==> flow/design.v <==
module aligner_v2 #(
    parameter int DATA_W = 28,
    parameter int SW = $clog2(DATA_W)
) (
    input  logic clock,
    input  logic aresetn,
    input  logic [DATA_W-1:0] in,
    input  logic [SW-1:0] sh,
    output logic [DATA_W-1:0] z_o
);
    always_ff @(posedge clock or negedge aresetn) begin
        if (!aresetn) begin
            z_o <= '0;
        end else begin
            z_o <= in << sh;
        end
    end
endmodule
---- Reports on aligner_v2 ----
The steps from the RTL of aligner_v2 to its reports follow in flow order.
Lines are those of the file above, counted from 1.
Library cell names are shortened.
The mark - stands for no value.
design
  design top .............................. aligner_v2
  clock port .............................. clock
  standard-cell library ................... sky130hd
  library corner .......................... tt_025C_1v80

---- After elaboration ----
Counts by Yosys on the flattened word-level netlist (proc, flatten, opt, wreduce; memories kept). Register bits leave out memories and registers merged into their read ports (data or address); mux counts leave out enables and synchronous resets folded into registers. Print and check cells are left out. Cells with the same type and inputs are merged into one.
operators by class
  reduce/logical cells .................... 0
  shift-type cells ........................ 1
  eq/ne operators ......................... 0
  multiplexer cells ....................... 0
  $add $sub $neg .......................... 0
  bitwise logic cells ..................... 0
  div/mod/pow operators ................... 0
  multiply operators ...................... 0
  magnitude comparators ................... 0
operators by type and width
  operator                                       number
  28-bit by 5-bit << shifter with 28-bit output  1
word-level totals
  output and inout bits ................... 28
  register bits after elaboration ......... 28
  input port bits ......................... 35
  RAM bits ................................ 0
  word-level cells ........................ 2
  clocked read ports x word width ......... 0
  memory bits (read-only) ................. 0
  memories ................................ 0
  latch bits .............................. 0

---- Logic depth ----
Longest topological path by Yosys (ltp), each cell counted once; first at word level (registers and memories cut), then after technology mapping (sequential cells cut; the memories' decode and read muxes count).
depth
  depth after elaboration ................. 1
  ABC_AREA ................................ 0
  mapped depth ............................ 7
  depth with buffers taken out ............ 4

---- Mapped cells and area ----
Yosys stat after the flow's synthesis: flattened, memories mapped to cells. It holds for the ABC_AREA given above (unset counts as 0); a run with the other value may have another netlist.
cell types
  cell      number  area in all (um^2)
  dfrtp_1   28      700.672
  mux4_2    27      608.083
  mux2i_1   18      180.173
  mux2_2    12      135.13
  nor2_1    18      67.565
  a211oi_1  7       52.55
  mux4_1    2       52.55
  nand2_1   12      45.043
  buf_2     6       30.029
  buf_4     4       30.029
  nand3b_1  4       30.029
  a22o_1    3       26.275
  a21oi_1   5       25.024
  o21ai_0   5       25.024
  buf_6     2       22.522
  o221ai_1  2       17.517
  clkbuf_1  4       15.014
  mux2_4    1       15.014
Not listed: further types 19, cells in them 26.
mapped netlist
  flip-flops .............................. 28
  area of sequential cells ................ 700.7 um^2
  cell area after synthesis ............... 2,245.9 um^2
  buffers ................................. 17
  mapped cells ............................ 186

---- Path before layout ----
OpenSTA on the mapped netlist: ideal clock, no wires. The path of least setup slack (recovery checks aside). Input and output delay are each 20% of the period. Register names are those of the netlist, which keeps one name where synthesis merged equal registers.
timing after synthesis
  path type ............................... input -> register
  start point ............................. input sh[0]
  end point ............................... register z_o[26]
  external input delay .................... 0.424 ns
  period .................................. 2.12 ns
  data arrival time ....................... 1.647 ns
  stages .................................. 6
  setup slack ............................. 0.340 ns
  data required time ...................... 1.988 ns
  delay of the path ....................... 1.355 ns
  path buffers ............................ 2
  setup time .............................. 0.132 ns
  time at the first pin ................... 0.424 ns
  synthesis period reached ................ 1.78 ns
"delay of the path" = arrival - input delay + setup time.
"stages": output pins that drive a net of the path, with the launching flip-flop's if there is one; two outputs of one cell count as two.
"synthesis period reached" = period - worst setup slack (recovery checks aside). The figure is calculated, with input and output delays left at 20% of the set period.
The rows between start and end are the longest chain of elaborated cells between them; the timing report does not say that the signal goes this way. Where chains are equally long, one stands for them.
A line is the first line of the expression or statement that the cell stems from. Yosys adds cells for indexed reads and writes and turns some case tables into memories.
on the way, after synthesis
  cell sequence ........................... buf_4 -> buf_6 -> mux4_2 -> a22o_1 -> a21oi_1 -> o211ai_1
  cells in the longest elaborated chain ... 1
  elaborated cells between the ends (all ways) .. 1
  source lines of those cells ............. 1
  classes of those cells .................. shift (1)
ends and longest elaborated chain, after synthesis
  element                                        line  source
  from (decl)                                    8     input  logic [SW-1:0] sh,
  28-bit by 5-bit << shifter with 28-bit output  15    z_o <= in << sh;
  to (assign)                                    13    z_o <= '0;
  to (assign)                                    15
  to (decl)                                      9     output logic [DATA_W-1:0] z_o

---- Path in the finished layout ----
Path of least setup slack in the final report of job 1 (OpenROAD, finished layout, wires in). Where an end is a register, its clock arrival counts in the times.
timing after layout
  path type ............................... input -> register
  start point ............................. input in[5]
  end point ............................... register z_o[24]
  setup slack ............................. 0.14 ns
  data required time ...................... 2.28 ns
  path buffers ............................ 1
  period .................................. 2.12 ns
  setup time .............................. 0.11 ns
  stages .................................. 5
  external input delay .................... 0.42 ns
  time at the first pin ................... 0.42 ns
  data arrival time ....................... 2.14 ns
The rows between start and end are the longest chain of elaborated cells between them; the timing report does not say that the signal goes this way. Where chains are equally long, one stands for them.
on the way, after layout
  cell sequence ........................... clkdlybuf4s50_1 -> mux4_1 -> mux2i_1 -> nor2_1 -> a211o_1
  cells in the longest elaborated chain ... 1
  elaborated cells between the ends (all ways) .. 1
  source lines of those cells ............. 1
  classes of those cells .................. shift (1)
ends and longest elaborated chain, after layout
  element                                        line  source
  from (decl)                                    7     input  logic [DATA_W-1:0] in,
  28-bit by 5-bit << shifter with 28-bit output  15    z_o <= in << sh;
  to (assign)                                    13    z_o <= '0;
  to (assign)                                    15
  to (decl)                                      9     output logic [DATA_W-1:0] z_o

Ticket comment

Flow measurements of aligner_v2 on sky130hd: 3 stored runs with different settings, listed in no order. Input and output delays are each 20% of the period that was set; the output load is 0.01 pF.
"clock period achieved" means the clock period less the worst setup slack. The figure is calculated, with input and output delays left at 20% of the set period.
By "time on the worst setup path" is meant the share of the clock period that the worst setup path is allowed (20% is reserved at inputs, 20% at outputs), minus its slack. Clock arrival times at its registers enter into it.

======== job 1 ========
==> flow/run.sh <==
#!/bin/bash
# the make line also repeats the synthesis and layout settings of config.mk as NAME=value (left out here)
make -C /OpenROAD-flow-scripts/flow DESIGN_CONFIG=/design/flow/config.mk WORK_HOME=/design/flow/orfs CLKGATE_MAP_FILE= finish
==> flow/config.mk <==
export PLATFORM = sky130hd
export DESIGN_NAME = aligner_v2
export DESIGN_NICKNAME = aligner_v2
export VERILOG_FILES = /design/flow/design.v
export SDC_FILE = /design/flow/constraint.sdc
export NUM_CORES = 4
export LEC_CHECK = 0
export CAP_MARGIN = 20
export CORE_MARGIN = 2
export CORE_UTILIZATION = 40
export SLEW_MARGIN = 20
==> flow/constraint.sdc <==
create_clock -name core_clock -period 2.12 [get_ports {clock}]
set_input_delay 0.4240 -clock core_clock [delete_from_list [all_inputs] [get_ports {clock}]]
set_output_delay 0.4240 -clock core_clock [all_outputs]
set_load 0.01 [all_outputs]

-------- measured, job 1 --------
  clock period achieved ................... 1.978 ns
  area of the synthesized netlist ......... 2,245.9 um^2
  setup slack of the worst path ........... 0.142 ns
  area of the die ......................... 6,229.9 um^2
  total negative slack on setup checks .... 0.000 ns
  post-layout utilization ................. 58.9%
  time on the worst setup path ............ 1.55 ns
  kind of the worst setup path ............ input -> register

======== job 2 ========
==> flow/run.sh <==
#!/bin/bash
# the make line also repeats the synthesis and layout settings of config.mk as NAME=value (left out here)
make -C /OpenROAD-flow-scripts/flow DESIGN_CONFIG=/design/flow/config.mk WORK_HOME=/design/flow/orfs CLKGATE_MAP_FILE= finish
==> flow/config.mk <==
export PLATFORM = sky130hd
export DESIGN_NAME = aligner_v2
export DESIGN_NICKNAME = aligner_v2
export VERILOG_FILES = /design/flow/design.v
export SDC_FILE = /design/flow/constraint.sdc
export NUM_CORES = 4
export LEC_CHECK = 0
export ABC_AREA = 0
export CAP_MARGIN = 20
export CELL_PAD_IN_SITES_DETAIL_PLACEMENT = 0
export CELL_PAD_IN_SITES_GLOBAL_PLACEMENT = 2
export CORE_ASPECT_RATIO = 0.83
export CORE_MARGIN = 2
export CORE_UTILIZATION = 47
export GPL_ROUTABILITY_DRIVEN = 1
export GPL_TIMING_DRIVEN = 1
export MAX_ROUTING_LAYER = met5
export MIN_ROUTING_LAYER = met1
export PLACE_DENSITY_LB_ADDON = 0.3
export SETUP_SLACK_MARGIN = 0.27
export SLEW_MARGIN = 20
==> flow/constraint.sdc <==
create_clock -name core_clock -period 1.71 [get_ports {clock}]
set_input_delay 0.3420 -clock core_clock [delete_from_list [all_inputs] [get_ports {clock}]]
set_output_delay 0.3420 -clock core_clock [all_outputs]
set_load 0.01 [all_outputs]

-------- job 2 --------
  incomplete, placement halted on FLW-0024

======== job 3 ========
==> flow/run.sh <==
#!/bin/bash
# the make line also repeats the synthesis and layout settings of config.mk as NAME=value (left out here)
make -C /OpenROAD-flow-scripts/flow DESIGN_CONFIG=/design/flow/config.mk WORK_HOME=/design/flow/orfs CLKGATE_MAP_FILE= finish
==> flow/config.mk <==
export PLATFORM = sky130hd
export DESIGN_NAME = aligner_v2
export DESIGN_NICKNAME = aligner_v2
export VERILOG_FILES = /design/flow/design.v
export SDC_FILE = /design/flow/constraint.sdc
export NUM_CORES = 4
export LEC_CHECK = 0
export ABC_AREA = 0
export CAP_MARGIN = 20
export CORE_MARGIN = 10
export CORE_UTILIZATION = 35
export GPL_ROUTABILITY_DRIVEN = 0
export MAX_ROUTING_LAYER = met5
export MIN_ROUTING_LAYER = met1
export PLACE_DENSITY = 0.45
export SETUP_SLACK_MARGIN = 0.57
export SLEW_MARGIN = 40
==> flow/constraint.sdc <==
create_clock -name core_clock -period 3.27 [get_ports {clock}]
set_input_delay 0.6540 -clock core_clock [delete_from_list [all_inputs] [get_ports {clock}]]
set_output_delay 0.6540 -clock core_clock [all_outputs]
set_load 0.01 [all_outputs]

-------- measured, job 3 --------
  clock period achieved ................... 2.415 ns
  area of the synthesized netlist ......... 2,245.9 um^2
  setup slack of the worst path ........... 0.855 ns
  area of the die ......................... 10,021.0 um^2
  total negative slack on setup checks .... 0.000 ns
  post-layout utilization ................. 47.0%
  time on the worst setup path ............ 1.76 ns
  kind of the worst setup path ............ input -> register
